==> flow/design.v <==
module chooser_n #(
    parameter DW = 24,
    parameter COUNT = 24,
    parameter SW = $clog2(COUNT)
) (
    input wire aclk,
    input wire resetn,
    input wire [COUNT*DW-1:0] i_data,
    input wire [SW-1:0] i_pick,
    output reg [DW-1:0] o_q
);
    reg [COUNT*DW-1:0] data_s;
    reg [SW-1:0] pick_s;
    always @(posedge aclk or negedge resetn) begin
        if (~resetn) begin
            data_s <= 0;
            pick_s <= 0;
        end else begin
            data_s <= i_data;
            pick_s <= i_pick;
        end
    end
    reg [DW-1:0] t;
    integer k;
    always @(*) begin
        t = 0;
        for (k = 0; k < COUNT; k = k + 1)
            if (pick_s == k) t = data_s[k*DW +: DW];
    end
    always @(posedge aclk or negedge resetn) begin
        if (~resetn) begin
            o_q <= 0;
        end else begin
            o_q <= t;
        end
    end
endmodule
# ---- Tool chain data of chooser_n
# What the tools print for chooser_n, step after step.
# Lines are those of the file above, counted from 1.
# Operators: Yosys type, input widths -> output width; for muxes data width and select width s.
# Library cell names are shortened.
# The mark n/a stands for no value.
dict set report design {
  design {chooser_n}
  clock_port {aclk}
  library {sky130hd}
  corner {tt_025C_1v80}
}

# ---- After elaboration
# Source: Yosys, flattened and elaborated, memories not mapped. Widths are those after wreduce; folded enables and synchronous resets count as part of the registers. Registers that Yosys merges into a memory's read port (data or address) are not register bits. Print and check cells do not count. Equal cells are merged and count once.
dict set report op_classes {
  addsub 0
  n_mul 0
  n_div 0
  n_cmp 0
  equal 23
  shifts 0
  muxes 24
  logic 0
  reduce_and_logical 1
}
# op n
set ops {}
lappend ops {{$mux 24} 24}
lappend ops {{$eq 5x4->1 const B} 8}
lappend ops {{$eq 5x5->1 const B} 8}
lappend ops {{$eq 5x3->1 const B} 4}
lappend ops {{$eq 5x2->1 const B} 2}
lappend ops {{$eq 5x1->1 const B} 1}
lappend ops {{$logic_not 5->1} 1}
dict set report bits {
  reg_bits 605
  latch_bits 0
  ram_bits 0
  mem_bits_ro 0
  clocked_rd_ports_x_width 0
  mem_count 0
  word_cells 51
}

# ---- Logic depth
# Depth = most cells in a row (Yosys ltp): at word level without a register or memory, in the mapped netlist without a sequential cell, where the memories' decode and read muxes count.
dict set report logic_depth {
  word_depth 25
  ABC_AREA 0
  depth_mapped 11
}

# ---- Netlist
# The flow's flattened synthesis, as Yosys stat reports it; memories are mapped. The netlist is that of the ABC_AREA named above (0 if unset); the other value can give another one.
# Totals and module areas in this step are rounded.
# type n area_total_um2
set types {}
lappend types {dfrtp_1 605 1.51E+04}
lappend types {mux4_2 15 337.824}
lappend types {a21oi_1 63 315.302}
lappend types {o22ai_1 49 306.544}
lappend types {nor2_1 70 262.752}
lappend types {nand2_1 64 240.23}
lappend types {and3_1 38 237.728}
lappend types {o21ai_0 45 225.216}
lappend types {mux2i_1 22 220.211}
lappend types {buf_2 39 195.187}
lappend types {a22oi_1 24 180.173}
lappend types {a221oi_1 20 175.168}
lappend types {mux2_2 14 157.651}
lappend types {a2111oi_0 17 148.893}
lappend types {nor3_1 26 130.125}
lappend types {nand3_1 25 125.12}
lappend types {a211oi_1 16 120.115}
lappend types {a21o_1 16 120.115}
# Not listed: further types 61, cells in them 269.
dict set report synth_totals {
  stdcells 1437
  yosys_area_um2 20750
  sequential_area_um2 15140
  ffs 605
  n_buf 85
}

# ---- Path before layout
# OpenSTA on the mapped netlist: ideal clock, no wires. The path of least setup slack (recovery checks aside). Input and output delay are each 20% of the period. Register names are those of the netlist, which keeps one name where synthesis merged equal registers.
dict set report synth_path {
  path_kind {reg-to-reg}
  startpoint {register pick_s[4]}
  endpoint {register o_q[14]}
  clock_period_ns 2.45
  setup_time_ns 0.130
  t_first_pin_ns 0.000
  arrival_ns 1.833
  path_slack_ns 0.487
  path_delay_ns 1.963
  path_stages 8
  n_path_buf 1
  synth_period_reached_ns 1.963
}
# "path_delay_ns" = arrival - input delay + setup time.
# "path_stages" counts driving pins, that of a launching flip-flop among them; a cell with two outputs on the path counts twice.
# "synth_period_reached_ns" is the clock period less the worst setup slack; recovery checks do not enter. This is arithmetic on one report: input and output delays are still those of the set period (20% each).
# The rows between start and end are the longest chain of elaborated cells between them; the timing report does not say that the signal goes this way. Where chains are equally long, one stands for them.
# Each line given opens the expression or statement behind the cell; cells for indexed reads and writes are added by Yosys, which also makes memories of some case tables.
dict set report synth_via {
  cell_sequence {dfrtp_1 -> or3b_1 -> clkbuf_2 -> or3_1 -> a21oi_1 -> nor4_1 -> a2111oi_2 -> o21ai_1}
  elab_chain_cells 25
  cone_cells 48
  lines_between 1
}
# item line_no
set synth_lines {}
lappend synth_lines {{start, declared} 13} ;# reg [SW-1:0] pick_s;
lappend synth_lines {{start, assigned} 17} ;# pick_s <= 0;
lappend synth_lines {{start, assigned} 20} ;# pick_s <= i_pick;
lappend synth_lines {{$logic_not 5->1} 28} ;# if (pick_s == k) t = data_s[k*DW +: DW];
lappend synth_lines {{$mux 24 (24 in a row)} 28}
lappend synth_lines {{end, assigned} 32} ;# o_q <= 0;
lappend synth_lines {{end, assigned} 34} ;# o_q <= t;
lappend synth_lines {{end, declared} 10} ;# output reg [DW-1:0] o_q

# ---- Path in the finished layout
# From the final timing report of job 1: the path of least setup slack in the routed layout; clock arrival at registers is part of the times.
dict set report layout_path {
  path_kind {reg-to-reg}
  startpoint {register pick_s[1]}
  endpoint {register o_q[5]}
  clock_period_ns 1.61
  setup_time_ns 0.07
  t_first_pin_ns 0.62
  arrival_ns 3.01
  path_slack_ns -0.84
  path_stages 10
  n_path_buf 3
}
# The rows between start and end are the longest chain of elaborated cells between them; the timing report does not say that the signal goes this way. Where chains are equally long, one stands for them.
dict set report layout_via {
  cell_sequence {dfrtp_4 -> buf_6 -> nor3_4 -> buf_6 -> nand3_4 -> a211o_4 -> a2111oi_4 -> buf_4 -> o21ai_4 -> a21oi_2}
  elab_chain_cells 25
  cone_cells 48
  lines_between 1
}
# item line_no
set layout_lines {}
lappend layout_lines {{start, declared} 13} ;# reg [SW-1:0] pick_s;
lappend layout_lines {{start, assigned} 17} ;# pick_s <= 0;
lappend layout_lines {{start, assigned} 20} ;# pick_s <= i_pick;
lappend layout_lines {{$logic_not 5->1} 28} ;# if (pick_s == k) t = data_s[k*DW +: DW];
lappend layout_lines {{$mux 24 (24 in a row)} 28}
lappend layout_lines {{end, assigned} 32} ;# o_q <= 0;
lappend layout_lines {{end, assigned} 34} ;# o_q <= t;
lappend layout_lines {{end, declared} 10} ;# output reg [DW-1:0] o_q

; Settings and measured results of 2 stored flow runs for module chooser_n (sky130hd), not sorted in any way. The constraints put input and output delay at 20% of the set period each and load the outputs with 0.01 pF.
; "timing.achieved_period_ns": clock period set for the run, less the worst setup slack. It is reckoned from that one timing run; input and output delays stay at 20% of the period that was set.
; By "worstPathTime_ns" is meant the share of the clock period that the worst setup path is allowed (20% is reserved at inputs, 20% at outputs), minus its slack. Clock arrival times at its registers enter into it.
; The results are shown rounded.

[job 1: settings]
period_ns = 1.61
CORE_UTILIZATION = 40
SETUP_SLACK_MARGIN = 0.16
PLACE_DENSITY_LB_ADDON = 0.21
CORE_ASPECT_RATIO = 1.02
CELL_PAD_IN_SITES_GLOBAL_PLACEMENT = 1
CELL_PAD_IN_SITES_DETAIL_PLACEMENT = 1
GPL_ROUTABILITY_DRIVEN = 1
CTS_CLUSTER_SIZE = 63
SLEW_MARGIN = 0
MAX_ROUTING_LAYER = met4
CAP_MARGIN = 20
CORE_MARGIN = 2
[job 1: results]
worstPathTime_ns = 2.45
timing.worst_path_kind = reg-to-reg
design.die.area_um2 = 53720
worst_setup_slack_ns = -0.836
timing.achieved_period_ns = 2.446
synth_area_um2 = 20750
fin_tns_ns = -17.71
utilization_pct = 66.8
final_hold_ws_ns = 0.117

[job 2: settings]
period_ns = 2.45
CAP_MARGIN = 20
CORE_MARGIN = 2
CORE_UTILIZATION = 40
SLEW_MARGIN = 20
[job 2: results]
worstPathTime_ns = 2.50
timing.worst_path_kind = reg-to-reg
utilization_pct = 62.6
final_hold_ws_ns = 0.322
fin_tns_ns = -0.102
worst_setup_slack_ns = -0.048
synth_area_um2 = 20750
design.die.area_um2 = 53720
timing.achieved_period_ns = 2.498
